==> flow/design.v <==
module plus_mod #(
  parameter W = 20
) (
  input  sys_clk,
  input  aresetn,
  input  [W-1:0] lhs_in,
  input  [W-1:0] rhs_in,
  output [W:0] sum_out
);
  reg [W-1:0] r_lhs;
  reg [W-1:0] r_rhs;
  always @(posedge sys_clk or negedge aresetn) begin
    if (~aresetn) begin
      r_lhs <= 0;
      r_rhs <= 0;
    end else begin
      r_lhs <= lhs_in;
      r_rhs <= rhs_in;
    end
  end
  assign sum_out = r_lhs + r_rhs;
endmodule
* Tool chain data of plus_mod
Tool output for the design above, in the order of the flow. Lines are those of the file above, counted from 1. Operators carry their Yosys type and port widths (W data, S select, Z words). Library cell names are shortened. The mark - stands for no value.
Inputs: design top plus_mod, clock input sys_clk, cell library sky130hd, timing corner tt_025C_1v80

* Elaborated design
Yosys after proc, flatten, opt, wreduce and memory -nomap, before mapping. Enables and synchronous resets that opt folds into registers are not counted as muxes. Memory bits, and registers merged into a memory's read port (data or address), are not among the register bits. Print and check cells are not counted. Equal cells are merged and count once.
Bit counts: register bits 40, input port bits 42, output and inout bits 21, elaborated cells 3
Cells by class: $add $sub $neg 1
Operators with widths (count):
- $add A20 B20 Y21 | 1

* Longest topological paths
Depth = most cells in a row (Yosys ltp): at word level without a register or memory, in the mapped netlist without a sequential cell, where the memories' decode and read muxes count.
Depth: depth in word-level cells 1, ABC_AREA 0, gate-level depth with buffers 8, depth with buffers taken out 8

* Synthesis result
Source: synth_stat.txt of the flow (Yosys; design flattened, memories mapped). It holds for the ABC_AREA given above (unset counts as 0); a run with the other value may have another netlist.
Synthesis totals: standard cells after synthesis 164, chip area (Yosys) 0.0019644 mm2, sequential area 0.001001 mm2, mapped flip-flops 40, buffers 0
Cell types:
- dfrtp_1 | count 40, total area 1000.96 um2
- ha_1 | count 20, total area 250.24 um2
- xnor2_1 | count 12, total area 105.101 um2
- a21oi_1 | count 18, total area 90.086 um2
- a21o_1 | count 8, total area 60.058 um2
- o21bai_1 | count 6, total area 45.043 um2
- xor2_1 | count 5, total area 43.792 um2
- o21ai_0 | count 7, total area 35.034 um2
- inv_1 | count 8, total area 30.029 um2
- a211oi_2 | count 2, total area 25.024 um2
- a221o_1 | count 2, total area 20.019 um2
- fa_1 | count 1, total area 20.019 um2
- nand2_1 | count 5, total area 18.768 um2
- a221oi_2 | count 1, total area 15.014 um2
- o211ai_1 | count 2, total area 15.014 um2
- a31oi_1 | count 2, total area 12.512 um2
- a31oi_2 | count 1, total area 12.512 um2
- and3_1 | count 2, total area 12.512 um2
Not listed: further types 18, cells in them 22.

* Timing after synthesis
OpenSTA on the mapped netlist: ideal clock, no wires. The path of least setup slack (recovery checks aside). Input and output delay are each 20% of the period. Register names are those of the netlist, which keeps one name where synthesis merged equal registers.
Timing path after synthesis: kind reg-to-output, from register r_lhs[0], to output port sum_out[20], period 3.6 ns, output delay 0.720 ns, launch time at the first pin 0.000 ns, arrival time 2.303 ns, required time 2.880 ns, slack 0.577 ns, path delay 2.303 ns, driving pins on the path 9, path buffers 0, synthesis period reached 3.023 ns
"path delay" is the arrival time less input delay plus setup time. At an output port there is no setup time. "driving pins on the path" counts driving pins, that of a launching flip-flop among them; a cell with two outputs on the path counts twice. "synthesis period reached" is the clock period less the worst setup slack; recovery checks do not enter. This is arithmetic on one report: input and output delays are still those of the set period (20% each). The rows between start and end are the longest chain of elaborated cells between them; the timing report does not say that the signal goes this way. Where chains are equally long, one stands for them. Each line given opens the expression or statement behind the cell; cells for indexed reads and writes are added by Yosys, which also makes memories of some case tables.
On the way, after synthesis: cell sequence dfrtp_1 > ha_1 > fa_1 > a211oi_2 > o211ai_1 > a221o_1 > a21oi_2 > a31oi_1 > a221o_1, length of the longest elaborated chain 1, elaborated cells between the ends (all ways) 1, source lines of those cells 1, those cells by class add/sub (1)
Ends and longest elaborated chain, after synthesis:
- from (decl) | line 10 | reg [W-1:0] r_lhs;
- from (assign) | line 14 | r_lhs <= 0;
- from (assign) | line 17 | r_lhs <= lhs_in;
- $add A20 B20 Y21 | line 21 | assign sum_out = r_lhs + r_rhs;
- to (decl) | line 8 | output [W:0] sum_out

* Timing after layout
Path of least setup slack in the final report of job 1 (OpenROAD, finished layout, wires in). Where an end is a register, its clock arrival counts in the times.
Timing path after layout: kind reg-to-output, from register r_lhs[0], to output port sum_out[20], period 4.93 ns, output delay 0.99 ns, launch time at the first pin 0.28 ns, arrival time 3.24 ns, required time 3.94 ns, slack 0.70 ns, driving pins on the path 10, path buffers 1
The rows between start and end are the longest chain of elaborated cells between them; the timing report does not say that the signal goes this way. Where chains are equally long, one stands for them.
On the way, after layout: cell sequence dfrtp_1 > ha_1 > fa_1 > a211oi_2 > o211ai_1 > a221o_1 > a21oi_2 > a31oi_1 > a221o_1 > clkdlybuf4s50_1, length of the longest elaborated chain 1, elaborated cells between the ends (all ways) 1, source lines of those cells 1, those cells by class add/sub (1)
Ends and longest elaborated chain, after layout:
- from (decl) | line 10 | reg [W-1:0] r_lhs;
- from (assign) | line 14 | r_lhs <= 0;
- from (assign) | line 17 | r_lhs <= lhs_in;
- $add A20 B20 Y21 | line 21 | assign sum_out = r_lhs + r_rhs;
- to (decl) | line 8 | output [W:0] sum_out

plus_mod through Yosys and OpenROAD on sky130hd: 3 stored runs, unordered, with their settings and measured results. The constraints put input and output delay at 20% of the set period each and load the outputs with 0.01 pF.

* Job 1 | settings: period_ns 4.93; CORE_UTILIZATION 22; SETUP_SLACK_MARGIN 0.16; PLACE_DENSITY_LB_ADDON 0.29; CORE_MARGIN 8; CTS_CLUSTER_DIAMETER 244; MAX_ROUTING_LAYER met5; CAP_MARGIN 20; SLEW_MARGIN 20 | results: standard-cell area of the final layout 0.0027927 mm2; post-route setup TNS 0.000 ns; post-synthesis cell area 0.0019644 mm2; lowest setup slack 0.702 ns; area of the die 0.0122091 mm2
* Job 2 | settings: period_ns 3.6; CAP_MARGIN 20; CORE_MARGIN 2; CORE_UTILIZATION 40; SLEW_MARGIN 20 | results: standard-cell area of the final layout 0.0028202 mm2; post-route setup TNS 0.000 ns; post-synthesis cell area 0.0019644 mm2; lowest setup slack 0.104 ns; area of the die 0.0054879 mm2
* Job 3 | settings: period_ns 3.51; CORE_UTILIZATION 68; SETUP_SLACK_MARGIN -0.28; CORE_MARGIN 8; GPL_ROUTABILITY_DRIVEN 0; CAP_MARGIN 20; MIN_ROUTING_LAYER met1; SLEW_MARGIN 20 | no final report: placement broke off with GPL-0301
